==> flow/design.v <==
module sync_sum_block_v2 #(
   parameter XLEN = 40,
   parameter SLICE = 4
) (
   input aclk,
   input RSTN,
   input [XLEN-1:0] in_src1,
   input [XLEN-1:0] in_src2,
   input in_cy_in,
   output [XLEN-1:0] out_sum,
   output out_ovf
);
   reg [XLEN-1:0] src1_d1;
   reg [XLEN-1:0] src2_d1;
   reg cy_in_d1;
   always @(posedge aclk or negedge RSTN) begin
      if (!RSTN) begin
         src1_d1 <= 0;
         src2_d1 <= 0;
         cy_in_d1 <= 1'b0;
      end else begin
         src1_d1 <= in_src1;
         src2_d1 <= in_src2;
         cy_in_d1 <= in_cy_in;
      end
   end
   localparam NG = XLEN / SLICE;
   wire [XLEN-1:0] val;
   wire [NG:0] cy;
   assign cy[0] = cy_in_d1;
   genvar ii;
   generate
      for (ii = 0; ii < NG; ii = ii + 1) begin : row
         wire [SLICE:0] s0 = src1_d1[ii*SLICE +: SLICE] + src2_d1[ii*SLICE +: SLICE];
         wire [SLICE:0] s1 = src1_d1[ii*SLICE +: SLICE] + src2_d1[ii*SLICE +: SLICE] + 1'b1;
         assign {cy[ii+1], val[ii*SLICE +: SLICE]} = cy[ii] ? s1 : s0;
      end
   endgenerate
   reg [XLEN-1:0] sum_d1;
   always @(posedge aclk or negedge RSTN) begin
      if (!RSTN) begin
         sum_d1 <= 0;
      end else begin
         sum_d1 <= val;
      end
   end
   assign out_sum = sum_d1;
   reg ovf_d1;
   always @(posedge aclk or negedge RSTN) begin
      if (!RSTN) begin
         ovf_d1 <= 1'b0;
      end else begin
         ovf_d1 <= cy[NG];
      end
   end
   assign out_ovf = ovf_d1;
endmodule
== Step by step through the tools: sync_sum_block_v2 ==
What the tools print for sync_sum_block_v2, step after step.
Lines are those of the file above, counted from 1.
The mark - stands for no value.
Inputs
  top module: sync_sum_block_v2
  clock port: aclk
  standard-cell library: sky130hd
  corner: tt_025C_1v80

== Word-level counts ==
Source: Yosys, flattened and elaborated, memories not mapped. Widths are those after wreduce; folded enables and synchronous resets count as part of the registers. Registers that Yosys merges into a memory's read port (data or address) are not register bits. Print and check cells do not count. Equal cells are merged and count once.
Storage and ports
  elaborated cells: 35
  output and inout port bits: 41
  register bits after elaboration: 122
  bits of input ports: 83
Operators by class
  $add $sub $neg: 20
  muxes and demuxes: 10
Operators with widths (count)
  4-bit by 4-bit adder with 5-bit output: 10
  5-bit by 1-bit adder with 5-bit output with constant B: 10
  5-bit 2-to-1 mux: 10

== Depth ==
Yosys ltp: most cells in a row. Word level: on the elaborated netlist, between registers, memories and ports. Mapped: between sequential cells and ports; inverters and the memories' decode and read muxes count.
Depth
  depth in word-level cells: 12
  ABC_AREA: 0
  depth in mapped cells: 16
  gate-level depth less buffers: 16

== Synthesis result ==
The flow's flattened synthesis, as Yosys stat reports it; memories are mapped. The netlist is that of the ABC_AREA named above (0 if unset); the other value can give another one.
The area totals of this step are shown rounded.
Mapped netlist
  buffer cells: 1
  synthesis area: 5300 sq um
  flip-flops: 122
  cell count: 371
  sequential part of the area: 3100 sq um
Cell types
  sky130_fd_sc_hd__dfrtp_1: count 122, area in all 3.05E+03 sq um
  sky130_fd_sc_hd__ha_1: count 50, area in all 625.6 sq um
  sky130_fd_sc_hd__xnor2_1: count 41, area in all 359.094 sq um
  sky130_fd_sc_hd__fa_1: count 10, area in all 200.192 sq um
  sky130_fd_sc_hd__xor2_1: count 19, area in all 166.41 sq um
  sky130_fd_sc_hd__a21o_1: count 20, area in all 150.144 sq um
  sky130_fd_sc_hd__a21oi_1: count 20, area in all 100.096 sq um
  sky130_fd_sc_hd__mux2_2: count 8, area in all 90.086 sq um
  sky130_fd_sc_hd__mux2i_1: count 9, area in all 90.086 sq um
  sky130_fd_sc_hd__nand4_1: count 13, area in all 81.328 sq um
  sky130_fd_sc_hd__nand2_1: count 16, area in all 60.058 sq um
  sky130_fd_sc_hd__nand3b_1: count 5, area in all 37.536 sq um
  sky130_fd_sc_hd__nand4b_1: count 4, area in all 35.034 sq um
  sky130_fd_sc_hd__and2_1: count 5, area in all 31.28 sq um
  sky130_fd_sc_hd__nand4bb_1: count 2, area in all 22.522 sq um
  sky130_fd_sc_hd__nand3_1: count 4, area in all 20.019 sq um
  sky130_fd_sc_hd__a221oi_2: count 1, area in all 15.014 sq um
  sky130_fd_sc_hd__mux2i_2: count 1, area in all 13.763 sq um
Other cell types: 17; their cells: 21.

== Timing after synthesis ==
OpenSTA on the mapped netlist: ideal clock, no wires. The path of least setup slack (recovery checks aside). Input and output delay are each 20% of the period. Register names are those of the netlist, which keeps one name where synthesis merged equal registers.
Path after synthesis
  kind: register to register
  from: register src1_d1[0]
  to: register sum_d1[37]
  period: 6.15 ns
  buffers on the path: 0
  time at the first pin: 0.000 ns
  data required time: 6.022 ns
  arrival: 4.791 ns
  library setup time: 0.128 ns
  slack: 1.232 ns
  path delay: 4.919 ns
  driving pins on the path: 17
  period reached after synthesis: 4.918 ns
"path delay" = arrival - input delay + setup time.
"driving pins on the path": output pins that drive a net of the path, with the launching flip-flop's if there is one; two outputs of one cell count as two.
"period reached after synthesis" is the clock period less the worst setup slack; recovery checks do not enter. This is arithmetic on one report: input and output delays are still those of the set period (20% each).
Between the ends stands the longest chain of elaborated cells between them, by number of cells; it is not shown to be the way that was timed. Of several equally long chains one is given.
Each line given opens the expression or statement behind the cell; cells for indexed reads and writes are added by Yosys, which also makes memories of some case tables.
On the way, after synthesis
  cell sequence: sky130_fd_sc_hd__dfrtp_1 sky130_fd_sc_hd__ha_1 sky130_fd_sc_hd__fa_1 sky130_fd_sc_hd__ha_1 sky130_fd_sc_hd__and2_1 sky130_fd_sc_hd__a21oi_1 sky130_fd_sc_hd__a31o_2 sky130_fd_sc_hd__a221oi_2 sky130_fd_sc_hd__mux2i_1 sky130_fd_sc_hd__mux2i_1 sky130_fd_sc_hd__mux2i_1 sky130_fd_sc_hd__mux2i_1 sky130_fd_sc_hd__mux2i_1 sky130_fd_sc_hd__mux2i_1 sky130_fd_sc_hd__mux2i_2 sky130_fd_sc_hd__xnor2_1 sky130_fd_sc_hd__mux2_1
  cells in the longest elaborated chain: 12
  elaborated cells on any way between the ends: 12
  classes of those cells: add/sub (2); mux (10)
RTL lines, path after synthesis
  start, declared: line 13  | reg [XLEN-1:0] src1_d1;
  start, assigned: line 18  | src1_d1 <= 0;
  start, assigned: line 22  | src1_d1 <= in_src1;
  4-bit by 4-bit adder with 5-bit output: line 35  | wire [SLICE:0] s1 = src1_d1[ii*SLICE +: SLICE] + src2_d1[ii*SLICE +: SLICE] + 1'b1;
  5-bit by 1-bit adder with 5-bit output: line 35
  5-bit 2-to-1 mux (10 in a row): line 36  | assign {cy[ii+1], val[ii*SLICE +: SLICE]} = cy[ii] ? s1 : s0;
  end, assigned: line 42  | sum_d1 <= 0;
  end, assigned: line 44  | sum_d1 <= val;
  end, declared: line 39  | reg [XLEN-1:0] sum_d1;

== Timing after layout ==
Path of least setup slack in the final report of run 2 (OpenROAD, finished layout, wires in). Where an end is a register, its clock arrival counts in the times.
Path after layout
  kind: register to register
  from: register src1_d1[0]
  to: register sum_d1[37]
  arrival: 5.72 ns
  library setup time: 0.12 ns
  slack: 0.71 ns
  data required time: 6.44 ns
  buffers on the path: 0
  time at the first pin: 0.40 ns
  driving pins on the path: 17
  period: 6.15 ns
Between the ends stands the longest chain of elaborated cells between them, by number of cells; it is not shown to be the way that was timed. Of several equally long chains one is given.
On the way, after layout
  cell sequence: sky130_fd_sc_hd__dfrtp_1 sky130_fd_sc_hd__ha_1 sky130_fd_sc_hd__fa_1 sky130_fd_sc_hd__ha_1 sky130_fd_sc_hd__and2_1 sky130_fd_sc_hd__a21oi_1 sky130_fd_sc_hd__a31o_2 sky130_fd_sc_hd__a221oi_2 sky130_fd_sc_hd__mux2i_1 sky130_fd_sc_hd__mux2i_1 sky130_fd_sc_hd__mux2i_1 sky130_fd_sc_hd__mux2i_1 sky130_fd_sc_hd__mux2i_1 sky130_fd_sc_hd__mux2i_1 sky130_fd_sc_hd__mux2i_2 sky130_fd_sc_hd__xnor2_1 sky130_fd_sc_hd__mux2_1
  cells in the longest elaborated chain: 12
  elaborated cells on any way between the ends: 12
  classes of those cells: add/sub (2); mux (10)
RTL lines, path after layout
  start, declared: line 13  | reg [XLEN-1:0] src1_d1;
  start, assigned: line 18  | src1_d1 <= 0;
  start, assigned: line 22  | src1_d1 <= in_src1;
  4-bit by 4-bit adder with 5-bit output: line 35  | wire [SLICE:0] s1 = src1_d1[ii*SLICE +: SLICE] + src2_d1[ii*SLICE +: SLICE] + 1'b1;
  5-bit by 1-bit adder with 5-bit output: line 35
  5-bit 2-to-1 mux (10 in a row): line 36  | assign {cy[ii+1], val[ii*SLICE +: SLICE]} = cy[ii] ? s1 : s0;
  end, assigned: line 42  | sum_d1 <= 0;
  end, assigned: line 44  | sum_d1 <= val;
  end, declared: line 39  | reg [XLEN-1:0] sum_d1;

# Flow runs of sync_sum_block_v2

Flow measurements of sync_sum_block_v2 on sky130hd: 3 stored runs with different settings, listed in no order. Input and output delays are each 20% of the period that was set; the output load is 0.01 pF.
"achieved clock period": clock period set for the run, less the worst setup slack. It is reckoned from that one timing run; input and output delays stay at 20% of the period that was set.
"total power after layout" rests on the timing tool's default activity at the inputs, not on a simulated workload.
Measured values are rounded.

==> run 1: settings <==
{ "period_ns": 3.57, "CORE_UTILIZATION": 62, "PLACE_DENSITY": 0.88, "CORE_ASPECT_RATIO": 1.23, "CELL_PAD_IN_SITES_GLOBAL_PLACEMENT": 3, "CELL_PAD_IN_SITES_DETAIL_PLACEMENT": 0, "TNS_END_PERCENT": 50, "GPL_TIMING_DRIVEN": 1, "CTS_CLUSTER_DIAMETER": 372, "MIN_ROUTING_LAYER": "met1", "CAP_MARGIN": 20, "CORE_MARGIN": 2, "SLEW_MARGIN": 20 }
==> run 1: results <==
stopped before the end: placement reported GPL-0301

==> run 2: settings <==
{ "period_ns": 6.15, "CAP_MARGIN": 20, "CORE_MARGIN": 2, "CORE_UTILIZATION": 40, "SLEW_MARGIN": 20 }
==> run 2: results <==
mapped cell area after synthesis: 5300 sq um
die outline area: 14000 sq um
utilization: 0.55
worst setup slack after layout: 0.71 ns
total power after layout: 2.3 mW
achieved clock period: 5.436 ns

==> run 3: settings <==
{ "period_ns": 2.98, "CORE_UTILIZATION": 19, "SETUP_SLACK_MARGIN": 0.76, "PLACE_DENSITY": 0.94, "HOLD_SLACK_MARGIN": 0.04, "CORE_ASPECT_RATIO": 1.65, "CORE_MARGIN": 9, "ABC_AREA": 0, "GPL_TIMING_DRIVEN": 1, "CAP_MARGIN": 20, "SLEW_MARGIN": 20 }
==> run 3: results <==
mapped cell area after synthesis: 5300 sq um
die outline area: 34000 sq um
utilization: 0.32
worst setup slack after layout: -2.1 ns
total power after layout: 5.5 mW
achieved clock period: 5.042 ns
